==> flow/design.v <==
module my_mul_unit #(
   parameter integer WIDTH = 18
) (
   input wire ck,
   input wire rstn,
   input wire [WIDTH-1:0] src1_in,
   input wire [WIDTH-1:0] src2_in,
   output reg [2*WIDTH-1:0] p_out
);
   reg [WIDTH-1:0] r_src1;
   reg [WIDTH-1:0] r_src2;
   always @(posedge ck) begin
      if (~rstn) begin
         r_src1 <= 0;
         r_src2 <= 0;
         p_out <= 0;
      end else begin
         r_src1 <= src1_in;
         r_src2 <= src2_in;
         p_out <= r_src1 * r_src2;
      end
   end
endmodule
# Tool chain data of my_mul_unit
# What the tools print for my_mul_unit, step after step.
# Lines are those of the file above, counted from 1.
# Not given: -
# inputs
design	my_mul_unit
clock_port	ck
lib	sky130hd
corner	tt_025C_1v80

# After elaboration
# Counts by Yosys on the flattened word-level netlist (proc, flatten, opt, wreduce; memories kept). Register bits leave out memories and registers merged into their read ports (data or address); mux counts leave out enables and synchronous resets folded into registers. Print and check cells are left out. Cells with the same type and inputs are merged into one.
# word_totals
ff_bits	72
inputBits	38
out_inout_bits	36
word_cells	4
# classes
mul	1
# ops
operator	count
multiplier 18 x 18 -> 36 bit	1

# Logic depth
# Depth = most cells in a row (Yosys ltp): at word level without a register or memory, in the mapped netlist without a sequential cell, where the memories' decode and read muxes count.
# depth
depth_word	1
ABC_AREA	0
ltp_mapped	23
depth_no_buf	21

# Mapped cells and area
# Yosys stat after the flow's synthesis: flattened, memories mapped to cells. It holds for the ABC_AREA given above (unset counts as 0); a run with the other value may have another netlist.
# The area totals of this step are shown rounded.
# types
cell	count	area_total_um2
sky130_fd_sc_hd__fa_1	256	5.12E+03
sky130_fd_sc_hd__dfxtp_1	72	1.44E+03
sky130_fd_sc_hd__ha_1	110	1376.32
sky130_fd_sc_hd__and2_1	199	1.24E+03
sky130_fd_sc_hd__inv_1	313	1.17E+03
sky130_fd_sc_hd__nand2_1	203	761.981
sky130_fd_sc_hd__clkbuf_1	52	195.187
sky130_fd_sc_hd__a21oi_1	30	150.144
sky130_fd_sc_hd__nor2_1	37	138.883
sky130_fd_sc_hd__xnor2_1	13	113.859
sky130_fd_sc_hd__xor2_1	13	113.859
sky130_fd_sc_hd__o21ai_0	19	95.091
sky130_fd_sc_hd__nand2b_1	11	68.816
sky130_fd_sc_hd__a21o_1	6	45.043
sky130_fd_sc_hd__a221oi_2	3	45.043
sky130_fd_sc_hd__mux2i_1	4	40.038
sky130_fd_sc_hd__nand4_1	6	37.536
sky130_fd_sc_hd__o21a_1	4	30.029
# Other cell types: 29; their cells: 46.
# mapped
cell_count	1397
yosys_area_um2	12500
seq_area_um2	1440
ffs	72
buffers	53

# Path before layout
# Source: OpenSTA report_checks on the synthesized netlist (no wires, ideal clock, input and output delay 20% of the period each), path of least setup slack; recovery checks are left aside. Register names are those of the netlist, which keeps one name where synthesis merged equal registers.
# synth_path
kind	reg-to-reg
start	reg r_src1[10]
end	reg p_out[34]
clock_period_ps	6990
setup_ps	72
t_first_pin_ps	0
arrival_time_ps	5520
required_time_ps	6918
setup_slack_ps	1399
path_delay_ps	5592
driving_pins	21
path_buffers	2
synth_period_reached_ps	5591
# "path_delay_ps" = arrival - input delay + setup time.
# "driving_pins" counts driving pins, that of a launching flip-flop among them; a cell with two outputs on the path counts twice.
# "synth_period_reached_ps" is the clock period less the worst setup slack; recovery checks do not enter. This is arithmetic on one report: input and output delays are still those of the set period (20% each).
# The rows between start and end are the longest chain of elaborated cells between them; the timing report does not say that the signal goes this way. Where chains are equally long, one stands for them.
# Each line given opens the expression or statement behind the cell; cells for indexed reads and writes are added by Yosys, which also makes memories of some case tables.
# synth_between
cell_sequence	sky130_fd_sc_hd__dfxtp_1 -> sky130_fd_sc_hd__clkbuf_1 -> sky130_fd_sc_hd__clkbuf_1 -> sky130_fd_sc_hd__nand2_1 -> sky130_fd_sc_hd__fa_1 -> sky130_fd_sc_hd__fa_1 -> sky130_fd_sc_hd__fa_1 -> sky130_fd_sc_hd__fa_1 -> sky130_fd_sc_hd__inv_1 -> sky130_fd_sc_hd__fa_1 -> sky130_fd_sc_hd__inv_1 -> sky130_fd_sc_hd__fa_1 -> sky130_fd_sc_hd__inv_1 -> sky130_fd_sc_hd__ha_1 -> sky130_fd_sc_hd__a21o_1 -> sky130_fd_sc_hd__o2bb2ai_1 -> sky130_fd_sc_hd__a41oi_1 -> sky130_fd_sc_hd__a211oi_2 -> sky130_fd_sc_hd__o21ai_2 -> sky130_fd_sc_hd__o31ai_2 -> sky130_fd_sc_hd__mux2i_1
elab_chain_len	1
cells_between	1
lines_between	1
cone_classes	1 x mul
# synth_lines
element	line_no	rtl
start, declared	10	reg [WIDTH-1:0] r_src1;
start, assigned	14	r_src1 <= 0;
start, assigned	18	r_src1 <= src1_in;
multiplier 18 x 18 -> 36 bit	20	p_out <= r_src1 * r_src2;
end, assigned	16	p_out <= 0;
end, assigned	20
end, declared	8	output reg [2*WIDTH-1:0] p_out

# Worst path after layout
# From the final timing report of flow run B: the path of least setup slack in the routed layout; clock arrival at registers is part of the times.
# The path's times are printed in steps of 10 ps; the period is the one set.
# layout_path
kind	reg-to-reg
start	reg r_src1[7]
end	reg p_out[34]
clock_period_ps	5350
setup_ps	60
t_first_pin_ps	360
arrival_time_ps	5840
required_time_ps	5650
setup_slack_ps	-190
driving_pins	21
path_buffers	1
# The rows between start and end are the longest chain of elaborated cells between them; the timing report does not say that the signal goes this way. Where chains are equally long, one stands for them.
# layout_between
cell_sequence	sky130_fd_sc_hd__dfxtp_4 -> sky130_fd_sc_hd__buf_12 -> sky130_fd_sc_hd__and2_4 -> sky130_fd_sc_hd__fa_1 -> sky130_fd_sc_hd__inv_1 -> sky130_fd_sc_hd__fa_1 -> sky130_fd_sc_hd__fa_1 -> sky130_fd_sc_hd__fa_1 -> sky130_fd_sc_hd__inv_1 -> sky130_fd_sc_hd__fa_1 -> sky130_fd_sc_hd__inv_2 -> sky130_fd_sc_hd__fa_1 -> sky130_fd_sc_hd__inv_2 -> sky130_fd_sc_hd__ha_4 -> sky130_fd_sc_hd__a21o_1 -> sky130_fd_sc_hd__o2bb2ai_4 -> sky130_fd_sc_hd__a41oi_4 -> sky130_fd_sc_hd__a211oi_4 -> sky130_fd_sc_hd__o21ai_2 -> sky130_fd_sc_hd__o31ai_2 -> sky130_fd_sc_hd__mux2i_1
elab_chain_len	1
cells_between	1
lines_between	1
cone_classes	1 x mul
# layout_lines
element	line_no	rtl
start, declared	10	reg [WIDTH-1:0] r_src1;
start, assigned	14	r_src1 <= 0;
start, assigned	18	r_src1 <= src1_in;
multiplier 18 x 18 -> 36 bit	20	p_out <= r_src1 * r_src2;
end, assigned	16	p_out <= 0;
end, assigned	20
end, declared	8	output reg [2*WIDTH-1:0] p_out

# Below are 3 stored runs of the flow (Yosys, OpenROAD; platform sky130hd) on my_mul_unit, each with its settings and what was measured, unordered. Constraints: input delay and output delay 20% of the set period each, output load 0.01 pF.
# "totalPower_w" rests on the timing tool's default activity at the inputs, not on a simulated workload.
# The results are shown rounded.
# Settings: n/a = not set for that run.
# Among the results, n/a means that no value is shown for the run.
setting or result,flow run A,flow run B,flow run C
period_ns,3.4,5.35,6.99
CORE_UTILIZATION,63,19,40
SETUP_SLACK_MARGIN,-0.31,n/a,n/a
PLACE_DENSITY_LB_ADDON,0.25,0.19,n/a
CORE_MARGIN,6,2,2
CELL_PAD_IN_SITES_GLOBAL_PLACEMENT,2,0,n/a
TNS_END_PERCENT,5,n/a,n/a
ABC_AREA,1,n/a,n/a
CTS_CLUSTER_DIAMETER,166,n/a,n/a
SLEW_MARGIN,0,20,20
MAX_ROUTING_LAYER,met5,n/a,n/a
CAP_MARGIN,20,20,20
CELL_PAD_IN_SITES_DETAIL_PLACEMENT,n/a,0,n/a
totalPower_w,n/a,0.00427,0.00239
design.die.area_um2,n/a,68100,32800
setup_ws_ps,n/a,-185,663
util_pct,n/a,26.3,45.4
holdWs_ps,n/a,648,857
synth_chip_area_um2,n/a,12500,12500
finish.stdcell_area_um2,n/a,17200,13900
# Flow run A: stopped before the end: placement reported FLW-0024
